==> flow/design.v <==
module dp_sel_unit_stage #(
    parameter WIDTH = 20
) (
    input  logic clk_i,
    input  logic [WIDTH-1:0] ch0,
    input  logic [WIDTH-1:0] ch1,
    input  logic [WIDTH-1:0] ch2,
    input  logic [WIDTH-1:0] ch3,
    input  logic [WIDTH-1:0] ch4,
    input  logic [2:0] choose,
    output logic [WIDTH-1:0] q
);
    logic [WIDTH-1:0] ch0_s;
    logic [WIDTH-1:0] ch1_s;
    logic [WIDTH-1:0] ch2_s;
    logic [WIDTH-1:0] ch3_s;
    logic [WIDTH-1:0] ch4_s;
    logic [2:0] choose_s;
    always_ff @(posedge clk_i) begin
        ch0_s <= ch0;
        ch1_s <= ch1;
        ch2_s <= ch2;
        ch3_s <= ch3;
        ch4_s <= ch4;
        choose_s <= choose;
    end
    logic [WIDTH-1:0] work;
    assign work =
        (choose_s == 3'd0) ? ch0_s :
        (choose_s == 3'd1) ? ch1_s :
        (choose_s == 3'd2) ? ch2_s :
        (choose_s == 3'd3) ? ch3_s :
        ch4_s;
    logic [WIDTH-1:0] q_s;
    always_ff @(posedge clk_i) begin
        q_s <= work;
    end
    assign q = q_s;
endmodule
# == Reports on dp_sel_unit_stage ==
# The steps from the RTL of dp_sel_unit_stage to its reports follow in flow order.
# Line numbers count from 1 in the design file above.
# Operators carry their Yosys type and port widths (W data, S select, Z words).
# Cell names lack the library's common part.
# Not given: n/a
# inputs
top,dp_sel_unit_stage
clk_port,clk_i
cell_library,sky130hd
pvt_corner,tt_025C_1v80

# == Word-level counts ==
# Yosys after proc, flatten, opt, wreduce and memory -nomap, before mapping. Enables and synchronous resets that opt folds into registers are not counted as muxes. Memory bits, and registers merged into a memory's read port (data or address), are not among the register bits. Print and check cells are not counted. Equal cells are merged and count once.
# classes
muxes,4
reduce_logical,1
equal,3
# op_table
operator,count
$mux W20,4
$eq A3 B2 Y1 const B,2
$eq A3 B1 Y1 const B,1
$logic_not A3 Y1,1
# word_totals
in_bits,104
reg_bits,123
out_inout_bits,20

# == Logic depth ==
# Yosys ltp: most cells in a row. Word level: on the elaborated netlist, between registers, memories and ports. Mapped: between sequential cells and ports; inverters and the memories' decode and read muxes count.
# logic_depth
ltp_word,5
ABC_AREA,0
mapped_depth,5

# == After synthesis ==
# Source: synth_stat.txt of the flow (Yosys; design flattened, memories mapped). It holds for the ABC_AREA given above (unset counts as 0); a run with the other value may have another netlist.
# Totals and module areas in this step are rounded.
# synth_totals
sequential_area_um2,2460
buffers,12
ff_cells,123
yosys_area_um2,3320
stdcells,238
# types
cell,count,area_total_um2
dfxtp_1,123,2.46E+03
mux2_4,18,270.259
a222oi_1,20,200.192
nand2_1,40,150.144
nor2b_1,16,100.096
and2b_1,6,45.043
clkbuf_1,7,26.275
buf_6,2,22.522
buf_2,3,15.014
mux2_1,1,11.261
mux2_2,1,11.261
nor3_1,1,5.005

# == Path before layout ==
# Source: OpenSTA report_checks on the synthesized netlist (no wires, ideal clock, input and output delay 20% of the period each), path of least setup slack; recovery checks are left aside. Register names are those of the netlist, which keeps one name where synthesis merged equal registers.
# synth_path
path_type,register to register
startpoint,register (name not given)
endpoint,register q_s[9]
slack_ns,0.334
clock_period_ns,1.66
driving_pins,5
n_path_buf,1
t_first_pin_ns,0.000
arrival_ns,1.203
required_time_ns,1.537
path_delay_ns,1.326
period_less_setup_slack_ns,1.326
# "path_delay_ns" is the arrival time less input delay plus setup time.
# "driving_pins" counts driving pins, that of a launching flip-flop among them; a cell with two outputs on the path counts twice.
# "period_less_setup_slack_ns" = period - worst setup slack (recovery checks aside). The figure is calculated, with input and output delays left at 20% of the set period.
# Between the ends stands the longest chain of elaborated cells between them, by number of cells; it is not shown to be the way that was timed. Of several equally long chains one is given.
# A line is the first line of the expression or statement that the cell stems from. Yosys adds cells for indexed reads and writes and turns some case tables into memories.
# synth_between
cell_sequence,dfxtp_1 buf_6 mux2_4 a222oi_1 nand2_1
elab_chain_cells,5
cone_cells,8
cone_lines,4
cone_classes,3 x eq/ne; 4 x mux; 1 x reduce/logical
# synth_lines
element,line,text
from (decl),18,
from (assign),25,
$eq A3 B2 Y1,32,
$mux W20,32,
$mux W20,31,
$mux W20,30,
$mux W20,29,
to (assign),36,q_s <= work;
to (decl),34,logic [WIDTH-1:0] q_s;

# == Worst path after layout ==
# Path of least setup slack in the final report of stored run 1 (OpenROAD, finished layout, wires in). Where an end is a register, its clock arrival counts in the times.
# layout_path
path_type,register to register
startpoint,register (name not given)
endpoint,register q_s[18]
required_time_ns,1.58
clock_period_ns,1.31
n_path_buf,1
driving_pins,5
slack_ns,-0.11
t_first_pin_ns,0.40
arrival_ns,1.69
# Between the ends stands the longest chain of elaborated cells between them, by number of cells; it is not shown to be the way that was timed. Of several equally long chains one is given.
# layout_between
cell_sequence,dfxtp_4 buf_12 mux2_4 a222oi_1 nand2_1
elab_chain_cells,5
cone_cells,8
cone_lines,4
cone_classes,3 x eq/ne; 4 x mux; 1 x reduce/logical
# layout_lines
element,line,text
from (decl),18,
from (assign),25,
$eq A3 B2 Y1,32,
$mux W20,32,
$mux W20,31,
$mux W20,30,
$mux W20,29,
to (assign),36,q_s <= work;
to (decl),34,logic [WIDTH-1:0] q_s;

# Module dp_sel_unit_stage, platform sky130hd: 3 stored runs of the flow (Yosys, OpenROAD) with differing settings, in no particular order. Input and output delays are each 20% of the period that was set; the output load is 0.01 pF.
# "period_reached_ns" is the run's clock period less its worst setup slack. It is reckoned from that one timing run; input and output delays stay at 20% of the period that was set.
# Measured values are rounded.
# A setting shown as -- is not set for that run.
setting or result,stored run 1,stored run 2,stored run 3
period_ns,1.31,1.24,1.66
CORE_UTILIZATION,25,51,40
SETUP_SLACK_MARGIN,-0.07,0.01,--
PLACE_DENSITY_LB_ADDON,0.2,--,--
CORE_MARGIN,4,2,2
GPL_TIMING_DRIVEN,0,--,--
GPL_ROUTABILITY_DRIVEN,1,0,--
CAP_MARGIN,20,5,20
SLEW_MARGIN,20,10,20
PLACE_DENSITY,--,0.54,--
CELL_PAD_IN_SITES_GLOBAL_PLACEMENT,--,1,--
TNS_END_PERCENT,--,5,--
CTS_CLUSTER_SIZE,--,32,--
CTS_CLUSTER_DIAMETER,--,154,--
MIN_ROUTING_LAYER,--,met1,--
MAX_ROUTING_LAYER,--,met4,--
period_reached_ns,1.415,1.441,1.513
total_negative_slack_ns,-1.34,-2.75,0.000
ws_setup_ns,-0.105,-0.201,0.147
ws_hold_ns,0.299,0.193,0.254
post_synth_area_um2,3320,3320,3320
finalUtil_pct,41.5,83.8,64.6
total_die_area_um2,15200,7170,9040
